==> flow/design.v <==
module times #(
    parameter DW = 16,
    parameter G = 2
) (
    input  logic clk,
    input  logic [DW-1:0] opa,
    input  logic [DW-1:0] opb,
    input  logic load,
    output logic [2*DW+G-1:0] mul
);
    logic [DW-1:0] r_opa;
    logic [DW-1:0] r_opb;
    logic r_load;
    logic [2*DW-1:0] r_cur;
    logic r_load_d;
    logic [2*DW+G-1:0] acc;
    always_ff @(posedge clk) begin
        r_opa <= opa;
        r_opb <= opb;
        r_load <= load;
        r_cur <= r_opa * r_opb;
        r_load_d <= r_load;
        acc <= r_load_d ? r_cur : acc + r_cur;
    end
    assign mul = acc;
endmodule
; ---- Reports on times
; The steps from the RTL of times to its reports follow in flow order.
; Line numbers count from 1 in the design file above.
; Cell names lack the library's common part.
; Not given: n/a
[inputs]
top_module = times
clk_port = clk
library = sky130hd
lib_corner = tt_025C_1v80

; ---- Word-level counts
; Counts by Yosys on the flattened word-level netlist (proc, flatten, opt, wreduce; memories kept). Register bits leave out memories and registers merged into their read ports (data or address); mux counts leave out enables and synchronous resets folded into registers. Print and check cells are left out. Cells with the same type and inputs are merged into one.
[op_classes]
n_addsub = 1
n_mul = 1
n_mux = 1
[op_table]
columns = op, count
row1 = multiplier 16 x 16 -> 32 bit, 1
row2 = adder 34 x 32 -> 34 bit, 1
row3 = 2-to-1 mux 32 bit, 1
[bits]
out_inout_bits = 34
reg_bits = 100
wordCells = 10

; ---- Depth
; Depth = most cells in a row (Yosys ltp): at word level without a register or memory, in the mapped netlist without a sequential cell, where the memories' decode and read muxes count.
[logic_depth]
ltp_word = 2
ABC_AREA = 0
mapped_depth = 24
depth_no_buf = 22

; ---- After synthesis
; Source: synth_stat.txt of the flow (Yosys; design flattened, memories mapped). It holds for the ABC_AREA given above (unset counts as 0); a run with the other value may have another netlist.
; The area totals of this step are shown rounded.
[by_type]
columns = type, count
row1 = fa_1, 195
row2 = dfxtp_1, 100
row3 = ha_1, 136
row4 = inv_1, 241
row5 = nand2_1, 209
row6 = and2_1, 116
row7 = xnor2_1, 36
row8 = a21oi_1, 59
row9 = o21ai_0, 51
row10 = a21o_1, 32
row11 = clkbuf_1, 52
row12 = xor2_1, 21
row13 = nor2_1, 21
row14 = nand4_1, 12
row15 = nor2b_1, 12
row16 = nand3_1, 14
row17 = o21bai_1, 9
row18 = a31oi_1, 10
; Other cell types: 43; their cells: 102.
[mapped]
flip_flops = 100
sequential_area_um2 = 2000
cells = 1428
synth_area_um2 = 13000
n_buf = 59

; ---- Timing after synthesis
; Path of least setup slack by OpenSTA after synthesis, without wires, with an ideal clock, recovery checks aside; 20% of the period is set as input and as output delay. Where synthesis merged equal registers, the netlist keeps one of their names.
[synth_timing]
kind = flip-flop to flip-flop
from = register r_opb[1]
to = register r_cur[30]
delay_ns = 5.859
n_path_buf = 1
tclk_ns = 7.32
required_time_ns = 7.196
driving_pins = 23
setup_time_ns = 0.124
arrival_ns = 5.735
t_first_pin_ns = 0.000
path_slack_ns = 1.461
synth_period_reached_ns = 5.859
; "delay_ns" is the arrival time less input delay plus setup time.
; "driving_pins": output pins that drive a net of the path, with the launching flip-flop's if there is one; two outputs of one cell count as two.
; "synth_period_reached_ns" = period - worst setup slack (recovery checks aside). The figure is calculated, with input and output delays left at 20% of the set period.
; The rows between start and end are the longest chain of elaborated cells between them; the timing report does not say that the signal goes this way. Where chains are equally long, one stands for them.
; A line is the first line of the expression or statement that the cell stems from. Yosys adds cells for indexed reads and writes and turns some case tables into memories.
[synth_between]
path_cell_list = dfxtp_1 > clkbuf_1 > nand2_1 > fa_1 > fa_1 > inv_1 > fa_1 > inv_1 > fa_1 > inv_1 > fa_1 > inv_1 > fa_1 > inv_1 > ha_1 > a21oi_1 > nand2_1 > a211oi_2 > o21ai_2 > a31oi_1 > o31ai_2 > mux2i_1 > a2111o_1
elab_chain_cells = 1
cone_cells = 1
[synth_lines]
columns = element, line_no
row1 = start: declaration, 12  ; logic [DW-1:0] r_opb;
row2 = start: assignment, 19  ; r_opb <= opb;
row3 = multiplier 16 x 16 -> 32 bit, 21  ; r_cur <= r_opa * r_opb;
row4 = end: assignment, 21
row5 = end: declaration, 14  ; logic [2*DW-1:0] r_cur;

; ---- Timing after layout
; Path of least setup slack in the final report of run 1 (OpenROAD, finished layout, wires in). Where an end is a register, its clock arrival counts in the times.
[layout_timing]
kind = flip-flop to flip-flop
from = register r_opb[8]
to = register r_cur[31]
arrival_ns = 6.58
setup_time_ns = 0.06
required_time_ns = 7.61
driving_pins = 22
tclk_ns = 7.32
t_first_pin_ns = 0.36
path_slack_ns = 1.03
n_path_buf = 0
; The rows between start and end are the longest chain of elaborated cells between them; the timing report does not say that the signal goes this way. Where chains are equally long, one stands for them.
[layout_between]
path_cell_list = dfxtp_1 > nand2_1 > fa_1 > inv_1 > fa_1 > inv_1 > fa_1 > inv_1 > fa_1 > fa_1 > inv_1 > fa_1 > inv_1 > ha_1 > a21o_1 > a31oi_1 > nor3b_1 > a21oi_1 > a211oi_1 > a21oi_1 > nor2_1 > xnor2_1
elab_chain_cells = 1
cone_cells = 1
[layout_lines]
columns = element, line_no
row1 = start: declaration, 12  ; logic [DW-1:0] r_opb;
row2 = start: assignment, 19  ; r_opb <= opb;
row3 = multiplier 16 x 16 -> 32 bit, 21  ; r_cur <= r_opa * r_opb;
row4 = end: assignment, 21
row5 = end: declaration, 14  ; logic [2*DW-1:0] r_cur;

## Implementation results

Measured results for times: 3 stored runs of the Yosys and OpenROAD flow on sky130hd. The settings differ; the order carries no meaning. The constraints put input and output delay at 20% of the set period each and load the outputs with 0.01 pF.
"achieved_clock_period_ns" = clock period - worst setup slack. The figure is calculated, with input and output delays left at 20% of the set period.
"worst_setup_path_time_ns" is the time allowed to the run's worst setup path (the clock period less input and output delay, where it has them) less its slack. Clock arrival times count: a late capture clock shortens it, a late launch clock lengthens it.
Measured values are rounded.

# run 1
==> flow/run.sh <==
#!/bin/bash
# the make line also repeats the synthesis and layout settings of config.mk as NAME=value (left out here)
make -C /OpenROAD-flow-scripts/flow DESIGN_CONFIG=/design/flow/config.mk WORK_HOME=/design/flow/orfs CLKGATE_MAP_FILE= finish
==> flow/config.mk <==
export PLATFORM = sky130hd
export DESIGN_NAME = times
export DESIGN_NICKNAME = times
export VERILOG_FILES = /design/flow/design.v
export SDC_FILE = /design/flow/constraint.sdc
export NUM_CORES = 4
export LEC_CHECK = 0
export CAP_MARGIN = 20
export CORE_MARGIN = 2
export CORE_UTILIZATION = 40
export SLEW_MARGIN = 20
==> flow/constraint.sdc <==
create_clock -name core_clock -period 7.32 [get_ports {clk}]
set_input_delay 1.4640 -clock core_clock [delete_from_list [all_inputs] [get_ports {clk}]]
set_output_delay 1.4640 -clock core_clock [all_outputs]
set_load 0.01 [all_outputs]

==> run 1: results <==
synthesis_area_um2=13000
design_die_area_um2=33000
cell_area_final_um2=14000
layout_utilization_pct=45
worstSetupSlack_ns=1.0
total_negative_slack_ns=0.000
final_hold_ws_ns=0.33
achieved_clock_period_ns=6.294
worst_setup_path_time_ns=6.29
worst_path_kind="flip-flop to flip-flop"

# run 2
==> flow/run.sh <==
#!/bin/bash
# the make line also repeats the synthesis and layout settings of config.mk as NAME=value (left out here)
make -C /OpenROAD-flow-scripts/flow DESIGN_CONFIG=/design/flow/config.mk WORK_HOME=/design/flow/orfs CLKGATE_MAP_FILE= finish
==> flow/config.mk <==
export PLATFORM = sky130hd
export DESIGN_NAME = times
export DESIGN_NICKNAME = times
export VERILOG_FILES = /design/flow/design.v
export SDC_FILE = /design/flow/constraint.sdc
export NUM_CORES = 4
export LEC_CHECK = 0
export CAP_MARGIN = 10
export CORE_ASPECT_RATIO = 1.32
export CORE_MARGIN = 3
export CORE_UTILIZATION = 70
export CTS_CLUSTER_SIZE = 76
export GPL_TIMING_DRIVEN = 1
export SETUP_SLACK_MARGIN = -0.03
export SLEW_MARGIN = 20
export TNS_END_PERCENT = 70
==> flow/constraint.sdc <==
create_clock -name core_clock -period 7.15 [get_ports {clk}]
set_input_delay 1.4300 -clock core_clock [delete_from_list [all_inputs] [get_ports {clk}]]
set_output_delay 1.4300 -clock core_clock [all_outputs]
set_load 0.01 [all_outputs]

==> run 2: results <==
synthesis_area_um2=13000
design_die_area_um2=20000
cell_area_final_um2=14000
layout_utilization_pct=77
worstSetupSlack_ns=0.82
total_negative_slack_ns=0.000
final_hold_ws_ns=0.34
achieved_clock_period_ns=6.329
worst_setup_path_time_ns=6.33
worst_path_kind="flip-flop to flip-flop"

# run 3
==> flow/run.sh <==
#!/bin/bash
# the make line also repeats the synthesis and layout settings of config.mk as NAME=value (left out here)
make -C /OpenROAD-flow-scripts/flow DESIGN_CONFIG=/design/flow/config.mk WORK_HOME=/design/flow/orfs CLKGATE_MAP_FILE= finish
==> flow/config.mk <==
export PLATFORM = sky130hd
export DESIGN_NAME = times
export DESIGN_NICKNAME = times
export VERILOG_FILES = /design/flow/design.v
export SDC_FILE = /design/flow/constraint.sdc
export NUM_CORES = 4
export LEC_CHECK = 0
export ABC_AREA = 1
export CAP_MARGIN = 20
export CELL_PAD_IN_SITES_GLOBAL_PLACEMENT = 2
export CORE_MARGIN = 9
export CORE_UTILIZATION = 50
export CTS_CLUSTER_DIAMETER = 315
export CTS_CLUSTER_SIZE = 25
export GPL_TIMING_DRIVEN = 0
export MAX_ROUTING_LAYER = met5
export PLACE_DENSITY_LB_ADDON = 0.13
export SETUP_SLACK_MARGIN = -0.2
export SLEW_MARGIN = 20
==> flow/constraint.sdc <==
create_clock -name core_clock -period 4.57 [get_ports {clk}]
set_input_delay 0.9140 -clock core_clock [delete_from_list [all_inputs] [get_ports {clk}]]
set_output_delay 0.9140 -clock core_clock [all_outputs]
set_load 0.01 [all_outputs]

==> run 3: results <==
outcome="no final report: placement broke off with FLW-0024"
